==> flow/design.v <==
module gen_mag_cmp_stage #(
  parameter DATA_W = 28,
  parameter LANES = 12
) (
  input  clock,
  input  srst,
  input  enable,
  input  [LANES*DATA_W-1:0] data,
  output [DATA_W-1:0] mx
);
  reg [LANES*DATA_W-1:0] data_s;
  always @(posedge clock) begin
    if (srst) begin
      data_s <= 0;
    end else if (enable) begin
      data_s <= data;
    end
  end
  reg [DATA_W-1:0] r;
  integer t;
  always @* begin
    r = data_s[DATA_W-1:0];
    for (t = 1; t < LANES; t = t + 1)
      if (data_s[t*DATA_W +: DATA_W] > r) r = data_s[t*DATA_W +: DATA_W];
  end
  assign mx = r;
endmodule
# From RTL to reports: gen_mag_cmp_stage
# What the tools print for gen_mag_cmp_stage, step after step.
# Lines are those of the file above, counted from 1.
# Cell names lack the library's common part.
# A cell with n/a has no value.
[setup]
design = "gen_mag_cmp_stage"
clock_port = "clock"
lib = "sky130hd"
lib_corner = "tt_025C_1v80"

# After elaboration
# Counts by Yosys on the flattened word-level netlist (proc, flatten, opt, wreduce; memories kept). Register bits leave out memories and registers merged into their read ports (data or address); mux counts leave out enables and synchronous resets folded into registers. Print and check cells are left out. Cells with the same type and inputs are merged into one.
[bits]
elab_cells = 23
inputBits = 339
out_inout_bits = 28
reg_bits = 336
[op_classes]
compare = 11
muxes = 11
[ops]
columns = ["operator", "n"]
rows = [
  ["28-bit > comparator", 11],
  ["28-bit 2-to-1 mux", 11],
]

# Depth
# Depth = most cells in a row (Yosys ltp): at word level without a register or memory, in the mapped netlist without a sequential cell, where the memories' decode and read muxes count.
[logic_depth]
depth_word = 22
ABC_AREA = 0
ltp_mapped = 181
ltp_nobuf = 162

# Netlist
# Yosys stat after the flow's synthesis: flattened, memories mapped to cells. It holds for the ABC_AREA given above (unset counts as 0); a run with the other value may have another netlist.
# Totals and module areas in this step are rounded.
[mapped]
buf_cells = 154
mapped_area_um2 = 25200
mapped_cells = 3007
ffs = 336
seq_area_um2 = 6730
[by_type]
columns = ["cell_type", "n", "area_total_um2"]
rows = [
  ["dfxtp_1", 336, 6.73E+03],
  ["mux2i_1", 399, 3993.83],
  ["ha_1", 276, 3.45E+03],
  ["nor2_1", 520, 1.95E+03],
  ["a21oi_1", 193, 965.926],
  ["inv_1", 227, 852.067],
  ["mux2_2", 60, 675.648],
  ["o21ai_0", 95, 475.456],
  ["nand2_1", 111, 416.65],
  ["clkbuf_1", 92, 345.331],
  ["nor2b_1", 51, 319.056],
  ["o2bb2ai_2", 21, 315.302],
  ["nand4_1", 49, 306.544],
  ["a21o_1", 33, 247.738],
  ["nand2b_1", 38, 237.728],
  ["a211oi_1", 27, 202.694],
  ["a2111oi_0", 22, 192.685],
  ["nand3_1", 36, 180.173],
]
# Not listed: further types 97, cells in them 421.

# Path before layout
# OpenSTA on the mapped netlist: ideal clock, no wires. The path of least setup slack (recovery checks aside). Input and output delay are each 20% of the period. Register names are those of the netlist, which keeps one name where synthesis merged equal registers.
[synth_timing]
path_kind = "reg2out"
from = "reg data_s[11]"
to = "out mx[27]"
path_slack_ns = 7.184
launch_ns = 0.000
delay_ns = 28.736
arrival_time_ns = 28.736
tclk_ns = 44.9
path_stages = 166
out_delay_ns = 8.980
required_ns = 35.920
n_path_buf = 19
period_less_setup_slack_ns = 37.716
# "delay_ns" = arrival - input delay + setup time.
# A path that ends at an output port has no setup time.
# "path_stages" counts driving pins, that of a launching flip-flop among them; a cell with two outputs on the path counts twice.
# "period_less_setup_slack_ns" is the clock period less the worst setup slack; recovery checks do not enter. This is arithmetic on one report: input and output delays are still those of the set period (20% each).
# Between the ends stands the longest chain of elaborated cells between them, by number of cells; it is not shown to be the way that was timed. Of several equally long chains one is given.
# A line is the first line of the expression or statement that the cell stems from. Yosys adds cells for indexed reads and writes and turns some case tables into memories.
[synth_between]
path_cell_list = "dfxtp_1 inv_1 ha_1 a21oi_1 o21ai_1 a2111o_1 o2111a_1 nor2_1 buf_2 buf_1 mux2i_1 ha_1 a21o_1 a21o_1 a211o_1 a211oi_1 nor2_1 or3_1 (+130 left out) ha_1 a21o_1 a21oi_1 nor2b_1 o21ai_0 nand2b_1 a21oi_1 nor2b_1 o21ai_0 nand2_1 a221o_1 a221oi_1 a41o_1 clkbuf_1 inv_1 clkbuf_1 a2111oi_0 a211oi_2"
elab_chain_len = 22
cells_between = 22
lines_between = 1
cone_classes = "11 x compare; 11 x mux"
[synth_rtl]
columns = ["element", "line", "source"]
rows = [
  ["start, declared", 11, "reg [LANES*DATA_W-1:0] data_s;"],
  ["start, assigned", 14, "data_s <= 0;"],
  ["start, assigned", 16, "data_s <= data;"],
  ["28-bit > comparator", 24, "if (data_s[t*DATA_W +: DATA_W] > r) r = data_s[t*DATA_W +: DATA_W];"],
  ["28-bit 2-to-1 mux", 24, ""],
  ["28-bit > comparator", 24, ""],
  ["28-bit 2-to-1 mux", 24, ""],
  ["28-bit > comparator", 24, ""],
  ["28-bit 2-to-1 mux", 24, ""],
  ["28-bit > comparator", 24, ""],
  ["(+8 left out)", "n/a", ""],
  ["28-bit 2-to-1 mux", 24, ""],
  ["28-bit > comparator", 24, ""],
  ["28-bit 2-to-1 mux", 24, ""],
  ["28-bit > comparator", 24, ""],
  ["28-bit 2-to-1 mux", 24, ""],
  ["28-bit > comparator", 24, ""],
  ["28-bit 2-to-1 mux", 24, ""],
  ["end, declared", 9, "output [DATA_W-1:0] mx"],
]

# Timing after layout
# From the final timing report of flow run A: the path of least setup slack in the routed layout; clock arrival at registers is part of the times.
[layout_timing]
path_kind = "reg2out"
from = "reg data_s[26]"
to = "out mx[25]"
out_delay_ns = 9.54
launch_ns = 0.57
required_ns = 38.16
path_slack_ns = 2.89
tclk_ns = 47.7
path_stages = 165
arrival_time_ns = 35.27
n_path_buf = 9
# Between the ends stands the longest chain of elaborated cells between them, by number of cells; it is not shown to be the way that was timed. Of several equally long chains one is given.
[layout_between]
path_cell_list = "dfxtp_1 inv_1 ha_1 nand4_1 nor4_2 nand4_1 o21a_2 nor2_4 buf_4 mux2i_1 ha_1 a21o_1 a21o_1 a211o_1 a211oi_1 nor2_1 or3_1 a21o_1 (+129 left out) a21o_1 a21oi_1 nor2b_1 o21ai_0 nand2b_1 a21oi_1 nor2b_1 o21ai_0 nand2_1 a221o_1 a221oi_1 a41o_1 buf_6 clkinvlp_4 buf_4 a2111oi_0 a211oi_1 clkdlybuf4s50_1"
elab_chain_len = 22
cells_between = 22
lines_between = 1
cone_classes = "11 x compare; 11 x mux"
[layout_rtl]
columns = ["element", "line", "source"]
rows = [
  ["start, declared", 11, "reg [LANES*DATA_W-1:0] data_s;"],
  ["start, assigned", 14, "data_s <= 0;"],
  ["start, assigned", 16, "data_s <= data;"],
  ["28-bit > comparator", 24, "if (data_s[t*DATA_W +: DATA_W] > r) r = data_s[t*DATA_W +: DATA_W];"],
  ["28-bit 2-to-1 mux", 24, ""],
  ["28-bit > comparator", 24, ""],
  ["28-bit 2-to-1 mux", 24, ""],
  ["28-bit > comparator", 24, ""],
  ["28-bit 2-to-1 mux", 24, ""],
  ["28-bit > comparator", 24, ""],
  ["(+8 left out)", "n/a", ""],
  ["28-bit 2-to-1 mux", 24, ""],
  ["28-bit > comparator", 24, ""],
  ["28-bit 2-to-1 mux", 24, ""],
  ["28-bit > comparator", 24, ""],
  ["28-bit 2-to-1 mux", 24, ""],
  ["28-bit > comparator", 24, ""],
  ["28-bit 2-to-1 mux", 24, ""],
  ["end, declared", 9, "output [DATA_W-1:0] mx"],
]

# 2 stored runs of gen_mag_cmp_stage in the flow (synthesis by Yosys, layout by OpenROAD, sky130hd cells), in arbitrary order. Constraints: input delay and output delay 20% of the set period each, output load 0.01 pF.
# "timing.achieved_period_ns": clock period set for the run, less the worst setup slack. It is reckoned from that one timing run; input and output delays stay at 20% of the period that was set.
# "worst_path_time_ns" = time allowed to the worst setup path (clock period - input delay - output delay, where it has them) - its slack; a late launch clock adds to it, a late capture clock takes from it.
# Measured values are rounded.

[[run]]
name = "flow run A"
[run.settings]
period_ns = 47.7
CORE_UTILIZATION = 37
CORE_ASPECT_RATIO = 1.67
CELL_PAD_IN_SITES_GLOBAL_PLACEMENT = 1
CELL_PAD_IN_SITES_DETAIL_PLACEMENT = 2
GPL_ROUTABILITY_DRIVEN = 1
CTS_CLUSTER_DIAMETER = 200
SLEW_MARGIN = 25
CAP_MARGIN = 20
CORE_MARGIN = 2
[run.results]
cell_area_final_um2 = 30900
fin_util_pct = 45.8
fin_tns_ns = 0.000
die_area_um2 = 70300
synthesis_area_um2 = 25200
worst_path_time_ns = 35.27
critical_path_type = "reg2out"
fin_hold_ws_ns = 0.501
fin_ws_ns = 2.89
timing.achieved_period_ns = 44.813

[[run]]
name = "flow run B"
[run.settings]
period_ns = 44.9
CAP_MARGIN = 20
CORE_MARGIN = 2
CORE_UTILIZATION = 40
SLEW_MARGIN = 20
[run.results]
cell_area_final_um2 = 30900
fin_util_pct = 49.8
fin_tns_ns = 0.000
die_area_um2 = 65000
synthesis_area_um2 = 25200
worst_path_time_ns = 33.27
critical_path_type = "reg2out"
fin_hold_ws_ns = 0.497
fin_ws_ns = 2.65
timing.achieved_period_ns = 42.253
